==> flow/design.v <==
module alu_scratch_rtl #(
  parameter int WORDS = 40,
  parameter int NBITS = 16,
  parameter int RPORTS = 4,
  parameter int AW = $clog2(WORDS)
) (
  input  logic CLK,
  input  logic rstn,
  input  logic i_wr,
  input  logic [AW-1:0] i_write_addr,
  input  logic [NBITS-1:0] i_wd,
  input  logic [RPORTS*AW-1:0] i_ra,
  output logic [RPORTS*NBITS-1:0] o_q
);
  logic [NBITS-1:0] store [0:WORDS-1];
  always_ff @(posedge CLK) begin
    if (i_wr)
      store[i_write_addr] <= i_wd;
  end
  logic [RPORTS*NBITS-1:0] t;
  generate
    for (genvar j = 0; j < RPORTS; j++) begin : gen
      assign t[j*NBITS +: NBITS] = store[i_ra[j*AW +: AW]];
    end
  endgenerate
  always_ff @(posedge CLK or negedge rstn) begin
    if (~rstn) begin
      o_q <= 0;
    end else begin
      o_q <= t;
    end
  end
endmodule
Tool chain data of alu_scratch_rtl. Tool output for the design above, in the order of the flow. Line numbers count from 1 in the design file above. Operators carry their Yosys type and port widths (W data, S select, Z words). Library cell names are shortened. Not given: n/a

Design top: alu_scratch_rtl. Clock port: CLK. Standard-cell library: sky130hd. Corner: tt_025C_1v80.

Elaborated design. Counts by Yosys on the flattened word-level netlist (proc, flatten, opt, wreduce; memories kept). Register bits leave out memories and registers merged into their read ports (data or address); mux counts leave out enables and synchronous resets folded into registers. Print and check cells are left out. Memory sizes are those after Yosys's memory passes, which may raise the word count (mostly to a power of two), join words into wider ones and drop unused or constant bits.

For bits in registers the number is 0. Memory bits (writable): 640. Under clocked read ports x word width stands 64. Under memories stands 1. Word-level cells: 8.

Memory list: store (depth 40, bits a word 16, read ports 4, write ports 1, RTL line 15) `logic [NBITS-1:0] store [0:WORDS-1];`.

For muxes and demuxes the number is 3. The figure for reduce/logical cells is 4.

Operators by type and width (count): $mux W16 (1); $mux W6 (1); $logic_not A1 Y1 (4); $mux W1 (1).

Depth. Yosys ltp: most cells in a row. Word level: on the elaborated netlist, between registers, memories and ports. Mapped: between sequential cells and ports; inverters and the memories' decode and read muxes count.

For word-level depth the number is 1. ABC_AREA: 0. For mapped depth the number is 8.

Netlist. Source: synth_stat.txt of the flow (Yosys; design flattened, memories mapped). It holds for the ABC_AREA given above (unset counts as 0); a run with the other value may have another netlist. The area totals of this step are shown rounded.

Cell types (count): edfxtp_1 (640); mux2i_1 (1024); mux4_2 (128); a22oi_1 (256); dfrtp_1 (64); a22o_1 (128); o41ai_2 (64); buf_6 (71); mux2_2 (64); a221oi_1 (82); a221oi_2 (46); a21oi_1 (128); buf_4 (76); o22ai_1 (64); clkbuf_1 (77); nand2_1 (74); buf_2 (45); nor2_1 (37).

Other cell types: 16; their cells: 85.

The figure for cells in the netlist is 3153. The figure for mapped area is 43970 um^2. Under mapped flip-flops stands 704. Under buffer cells stands 305.

Worst setup path after synthesis. OpenSTA on the mapped netlist: ideal clock, no wires. The path of least setup slack (recovery checks aside). Input and output delay are each 20% of the period. Register names are those of the netlist, which keeps one name where synthesis merged equal registers.

Path type: input to register. Start point: input port i_write_addr[4]. End point: memory store[4][0]. The figure for period is 3.22 ns. External input delay: 0.644 ns. The figure for launch time at the first pin is 0.644 ns. The entry for data arrival time reads 2.295 ns. The figure for data required time is 2.811 ns. The entry for setup slack reads 0.516 ns. Under path delay stands 2.060 ns. The figure for driving pins on the path is 3. For period reached after synthesis the number is 2.704 ns.

"path delay" = arrival - input delay + setup time. "driving pins on the path" counts driving pins, that of a launching flip-flop among them; a cell with two outputs on the path counts twice. "period reached after synthesis" is the clock period less the worst setup slack; recovery checks do not enter. This is arithmetic on one report: input and output delays are still those of the set period (20% each). Between the ends stands the longest chain of elaborated cells between them, by number of cells; it is not shown to be the way that was timed. Of several equally long chains one is given. Each line given opens the expression or statement behind the cell; cells for indexed reads and writes are added by Yosys, which also makes memories of some case tables.

Cells stage by stage: nor4b_1 > nand2_1 > nor3_1. The figure for length of the longest elaborated chain is 1. For elaborated cells between the ends (all ways) the number is 1. The entry for RTL lines with such cells reads 1.

RTL lines, path after synthesis: start: declaration (RTL line 10) `input  logic [AW-1:0] i_write_addr,`; $mux W6 (RTL line 17) `if (i_wr)`; end: declaration (RTL line 15) `logic [NBITS-1:0] store [0:WORDS-1];`.

Timing after layout. Path of least setup slack in the final report of run 1 (OpenROAD, finished layout, wires in). Where an end is a register, its clock arrival counts in the times.

Path type: input to register. Start point: input port i_ra[8]. End point: register o_q[19]. The figure for period is 3.22 ns. External input delay: 0.64 ns. The figure for launch time at the first pin is 0.64 ns. The entry for data arrival time reads 3.46 ns. The figure for data required time is 3.72 ns. The entry for setup slack reads 0.26 ns. The figure for driving pins on the path is 7.

Cells stage by stage: clkdlybuf4s50_1 > buf_4 > nor2b_4 > buf_4 > a221oi_1 > o22ai_1 > o41ai_2.

RTL lines, path post-layout: start: declaration (RTL line 12) `input  logic [RPORTS*AW-1:0] i_ra,`; end: declaration (RTL line 13) `output logic [RPORTS*NBITS-1:0] o_q`.

Chain of elaborated cells between the ends: none given.

Data sheet: physical implementation of alu_scratch_rtl

alu_scratch_rtl through Yosys and OpenROAD on sky130hd: 3 stored runs, unordered, with their settings and measured results. The constraints put input and output delay at 20% of the set period each and load the outputs with 0.01 pF. "period reached" means the clock period less the worst setup slack. The figure is calculated, with input and output delays left at 20% of the set period. "allowed time less slack (worst setup path)": the worst setup path's part of the clock period (all of it between registers, 20% less for each end at a port) less its slack. A launch clock that arrives late makes it longer, a capture clock that arrives late makes it shorter. By "total power after layout" is meant OpenSTA's value without simulated activity: inputs other than the clock are taken to toggle once in ten clock periods, and the tool carries that through the logic. The measured numbers are rounded.

Run 1 has these settings: period_ns 3.22; CAP_MARGIN 20; CORE_MARGIN 2; CORE_UTILIZATION 40; SLEW_MARGIN 20. For the die area the run shows 112,600 um^2. The period reached is 2.964 ns. The allowed time less slack (worst setup path) reads 2.32 ns. Critical path type: input to register. The standard-cell area of the final layout is 51,800 um^2. The Yosys chip area after synthesis reads 43,970 um^2. For the utilization after layout the run shows 47.5%. The total power after layout is 0.02396 W. The sum of negative setup slack stands at 0.000 ns. The measured lowest setup slack is 0.256 ns.

Run 2 has these settings: period_ns 4.54; CORE_UTILIZATION 18; SETUP_SLACK_MARGIN 0.47; PLACE_DENSITY_LB_ADDON 0.15; CELL_PAD_IN_SITES_GLOBAL_PLACEMENT 1; CELL_PAD_IN_SITES_DETAIL_PLACEMENT 2; ABC_AREA 1; CAP_MARGIN 20; CORE_MARGIN 2; SLEW_MARGIN 20. The period reached is 3.140 ns. The Yosys chip area after synthesis reads 47,060 um^2. The sum of negative setup slack stands at 0.000 ns. For the utilization after layout the run shows 21.1%. The standard-cell area of the final layout is 54,680 um^2. The allowed time less slack (worst setup path) reads 2.23 ns. Critical path type: register to output. For the die area the run shows 265,600 um^2. The total power after layout is 0.01912 W. The measured lowest setup slack is 1.400 ns.

Run 3 has these settings: period_ns 2.64; CORE_UTILIZATION 70; SETUP_SLACK_MARGIN 0.11; PLACE_DENSITY_LB_ADDON 0.08; CORE_MARGIN 5; TNS_END_PERCENT 40; GPL_TIMING_DRIVEN 0; CTS_CLUSTER_DIAMETER 340; CAP_MARGIN 5; MIN_ROUTING_LAYER met2; MAX_ROUTING_LAYER met5; SLEW_MARGIN 20. Outcome: incomplete, routing halted on GRT-0116.
